==> flow/design.v <==
module dp_mplex_rtl #(
    parameter integer DW = 12,
    parameter integer COUNT = 10,
    parameter integer SEL_WIDTH = $clog2(COUNT)
) (
    input  logic ck,
    input  logic rst_n,
    input  logic [COUNT*DW-1:0] ch,
    input  logic [SEL_WIDTH-1:0] choose,
    output logic [DW-1:0] result
);
    logic [COUNT*DW-1:0] ch_r;
    logic [SEL_WIDTH-1:0] choose_r;
    always_ff @(posedge ck or negedge rst_n) begin
        if (~rst_n) begin
            ch_r <= '0;
            choose_r <= '0;
        end else begin
            ch_r <= ch;
            choose_r <= choose;
        end
    end
    wire [DW-1:0] lanes [0:COUNT-1];
    generate
        for (genvar i = 0; i < COUNT; i++) begin : blk
            assign lanes[i] = ch_r[i*DW +: DW];
        end
    endgenerate
    always_ff @(posedge ck or negedge rst_n) begin
        if (~rst_n) begin
            result <= '0;
        end else begin
            result <= lanes[choose_r];
        end
    end
endmodule
### From RTL to reports: dp_mplex_rtl

The steps from the RTL of dp_mplex_rtl to its reports follow in flow order.
Line numbers count from 1 in the design file above.
Library cell names are shortened.
The mark -- stands for no value.

* design top: dp_mplex_rtl
* clock port: ck
* library: sky130hd
* corner: tt_025C_1v80

### Word-level counts

Yosys after proc, flatten, opt, wreduce and memory -nomap, before mapping. Enables and synchronous resets that opt folds into registers are not counted as muxes. Print and check cells are not counted. Equal cells are merged and count once.

* register bits: 136
* bits of input ports: 126
* word-level cells: 14

* equality and inequality tests: 9
* multiplexer cells: 1
* reduce/logical cells: 1

Operator list (number)
* 12-bit parallel mux with 10-bit select: 1
* 4-bit by 3-bit == test with 1-bit output with constant B: 4
* 4-bit by 2-bit == test with 1-bit output with constant B: 2
* 4-bit == test with constant B: 2
* 4-bit by 1-bit == test with 1-bit output with constant B: 1
* 4-bit logical NOT: 1

### Longest topological paths

Yosys ltp: most cells in a row. Word level: on the elaborated netlist, between registers, memories and ports. Mapped: between sequential cells and ports; inverters and the memories' decode and read muxes count.

* depth after elaboration: 2
* ABC_AREA: 1
* depth in mapped cells: 8
* mapped depth without buffers: 7

### Synthesis result

Source: synth_stat.txt of the flow (Yosys; design flattened, memories mapped). It holds for the ABC_AREA given above (unset counts as 0); a run with the other value may have another netlist.
The area totals of this step are shown rounded.

Cell types
* dfrtp_1: number 136, total area 3.4E+03 um^2
* nand3_1: number 84, total area 420.403 um^2
* nand2_1: number 88, total area 330.317 um^2
* nor2_1: number 25, total area 93.84 um^2
* nand4_1: number 12, total area 75.072 um^2
* buf_4: number 7, total area 52.55 um^2
* buf_2: number 10, total area 50.048 um^2
* nor2_4: number 3, total area 33.782 um^2
* inv_1: number 5, total area 18.768 um^2
* nor2_2: number 3, total area 18.768 um^2
* and3_1: number 1, total area 6.256 um^2
* o21ai_0: number 1, total area 5.005 um^2

* mapped cells: 375
* cell area after synthesis: 0.004508 mm^2
* sequential part of the area: 0.003403 mm^2
* mapped flip-flops: 136

### Worst setup path after synthesis

OpenSTA on the mapped netlist: ideal clock, no wires. The path of least setup slack (recovery checks aside). Input and output delay are each 20% of the period. Register names are those of the netlist, which keeps one name where synthesis merged equal registers.

* path kind: reg2reg
* start: register (no name shown)
* end: register result[10]
* period: 1.84 ns
* library setup time: 0.070 ns
* data arrival time: 1.142 ns
* slack: 0.627 ns
* delay of the path: 1.212 ns
* stages on the path: 6
* synthesis period reached: 1.213 ns

"delay of the path" = arrival - input delay + setup time.
"stages on the path" counts driving pins, that of a launching flip-flop among them; a cell with two outputs on the path counts twice.
"synthesis period reached" = period - worst setup slack (recovery checks aside). The figure is calculated, with input and output delays left at 20% of the set period.
The rows between start and end are the longest chain of elaborated cells between them; the timing report does not say that the signal goes this way. Where chains are equally long, one stands for them.
Each line given opens the expression or statement behind the cell; cells for indexed reads and writes are added by Yosys, which also makes memories of some case tables.

* path through: dfrtp_1 > nor2_2 > and3_1 > buf_2 > nand2_1 > nand4_1
* cells in the longest elaborated chain: 2

Ends and longest elaborated chain, post-synthesis
* start, declared: line 13
* start, assigned: line 17
* start, assigned: line 20
* 4-bit == test: line 33
* 12-bit parallel mux with 10-bit select: line 33
* end, assigned: line 31 `result <= '0;`
* end, assigned: line 33
* end, declared: line 10 `output logic [DW-1:0] result`

### Timing after layout

Path of least setup slack in the final report of run A (OpenROAD, finished layout, wires in). Where an end is a register, its clock arrival counts in the times.

* path kind: reg2reg
* start: register (no name shown)
* end: register result[0]
* period: 1.71 ns
* library setup time: 0.06 ns
* data arrival time: 2.17 ns
* slack: 0.00 ns
* stages on the path: 8

The rows between start and end are the longest chain of elaborated cells between them; the timing report does not say that the signal goes this way. Where chains are equally long, one stands for them.

* path through: dfrtp_1 > buf_4 > inv_1 > nor2_4 > nand3_1 > nand2_1 > nor2_1 > nand4_1
* cells in the longest elaborated chain: 2

Ends and longest elaborated chain, post-layout
* start, declared: line 13
* start, assigned: line 17
* start, assigned: line 20
* 4-bit == test: line 33
* 12-bit parallel mux with 10-bit select: line 33
* end, assigned: line 31 `result <= '0;`
* end, assigned: line 33
* end, declared: line 10 `output logic [DW-1:0] result`

Appendix: measured runs

Below are 3 stored runs of the flow (Yosys, OpenROAD; platform sky130hd) on dp_mplex_rtl, each with its settings and what was measured, unordered. Constraints: input delay and output delay 20% of the set period each, output load 0.01 pF.
"achieved period": clock period set for the run, less the worst setup slack. It is reckoned from that one timing run; input and output delays stay at 20% of the period that was set.
"time on the worst setup path" means the part of the period allowed to the worst setup path (the constraints hold back 20% at inputs and 20% at outputs) less its slack; where the path has registers, the arrival times of their clocks count too.
"power consumption" rests on the timing tool's default activity at the inputs, not on a simulated workload.
The measured numbers are rounded.

### Run A

Settings: `period_ns=1.71`, `CORE_UTILIZATION=48`, `PLACE_DENSITY=0.48`, `HOLD_SLACK_MARGIN=0.09`, `CORE_ASPECT_RATIO=0.98`, `CELL_PAD_IN_SITES_GLOBAL_PLACEMENT=0`, `CELL_PAD_IN_SITES_DETAIL_PLACEMENT=1`, `TNS_END_PERCENT=85`, `ABC_AREA=1`, `GPL_TIMING_DRIVEN=1`, `GPL_ROUTABILITY_DRIVEN=0`, `CTS_CLUSTER_SIZE=92`, `CTS_CLUSTER_DIAMETER=32`, `MIN_ROUTING_LAYER=met1`, `CAP_MARGIN=20`, `CORE_MARGIN=2`, `SLEW_MARGIN=20`

- Time on the worst setup path: 1.71 ns
- Kind of the worst setup path: reg2reg
- Lowest setup slack: 0.005 ns
- Yosys chip area after synthesis: 0.004508 mm^2
- Setup total negative slack: 0.000 ns
- Final utilization: 71.7 %
- Final worst hold slack: 0.243 ns
- Achieved period: 1.705 ns
- Power consumption: 7,875 µW
- Area of the standard cells in the finished layout: 0.006655 mm^2
- Die size: 0.01018 mm^2

### Run B

Settings: `period_ns=1.6`, `CORE_UTILIZATION=24`, `CORE_ASPECT_RATIO=0.92`, `ABC_AREA=1`, `GPL_ROUTABILITY_DRIVEN=0`, `CAP_MARGIN=20`, `MIN_ROUTING_LAYER=met2`, `CORE_MARGIN=2`, `SLEW_MARGIN=20`

- Time on the worst setup path: 1.50 ns
- Kind of the worst setup path: reg2reg
- Lowest setup slack: 0.099 ns
- Yosys chip area after synthesis: 0.004508 mm^2
- Setup total negative slack: 0.000 ns
- Final utilization: 38.1 %
- Final worst hold slack: 0.316 ns
- Achieved period: 1.501 ns
- Power consumption: 8,658 µW
- Area of the standard cells in the finished layout: 0.007072 mm^2
- Die size: 0.0199 mm^2

### Run C

Settings: `period_ns=1.84`, `CAP_MARGIN=20`, `CORE_MARGIN=2`, `CORE_UTILIZATION=40`, `SLEW_MARGIN=20`

- Time on the worst setup path: 1.73 ns
- Kind of the worst setup path: reg2reg
- Lowest setup slack: 0.113 ns
- Yosys chip area after synthesis: 0.004674 mm^2
- Setup total negative slack: 0.000 ns
- Final utilization: 60.3 %
- Final worst hold slack: 0.386 ns
- Achieved period: 1.727 ns
- Power consumption: 7,374 µW
- Area of the standard cells in the finished layout: 0.006882 mm^2
- Die size: 0.01257 mm^2
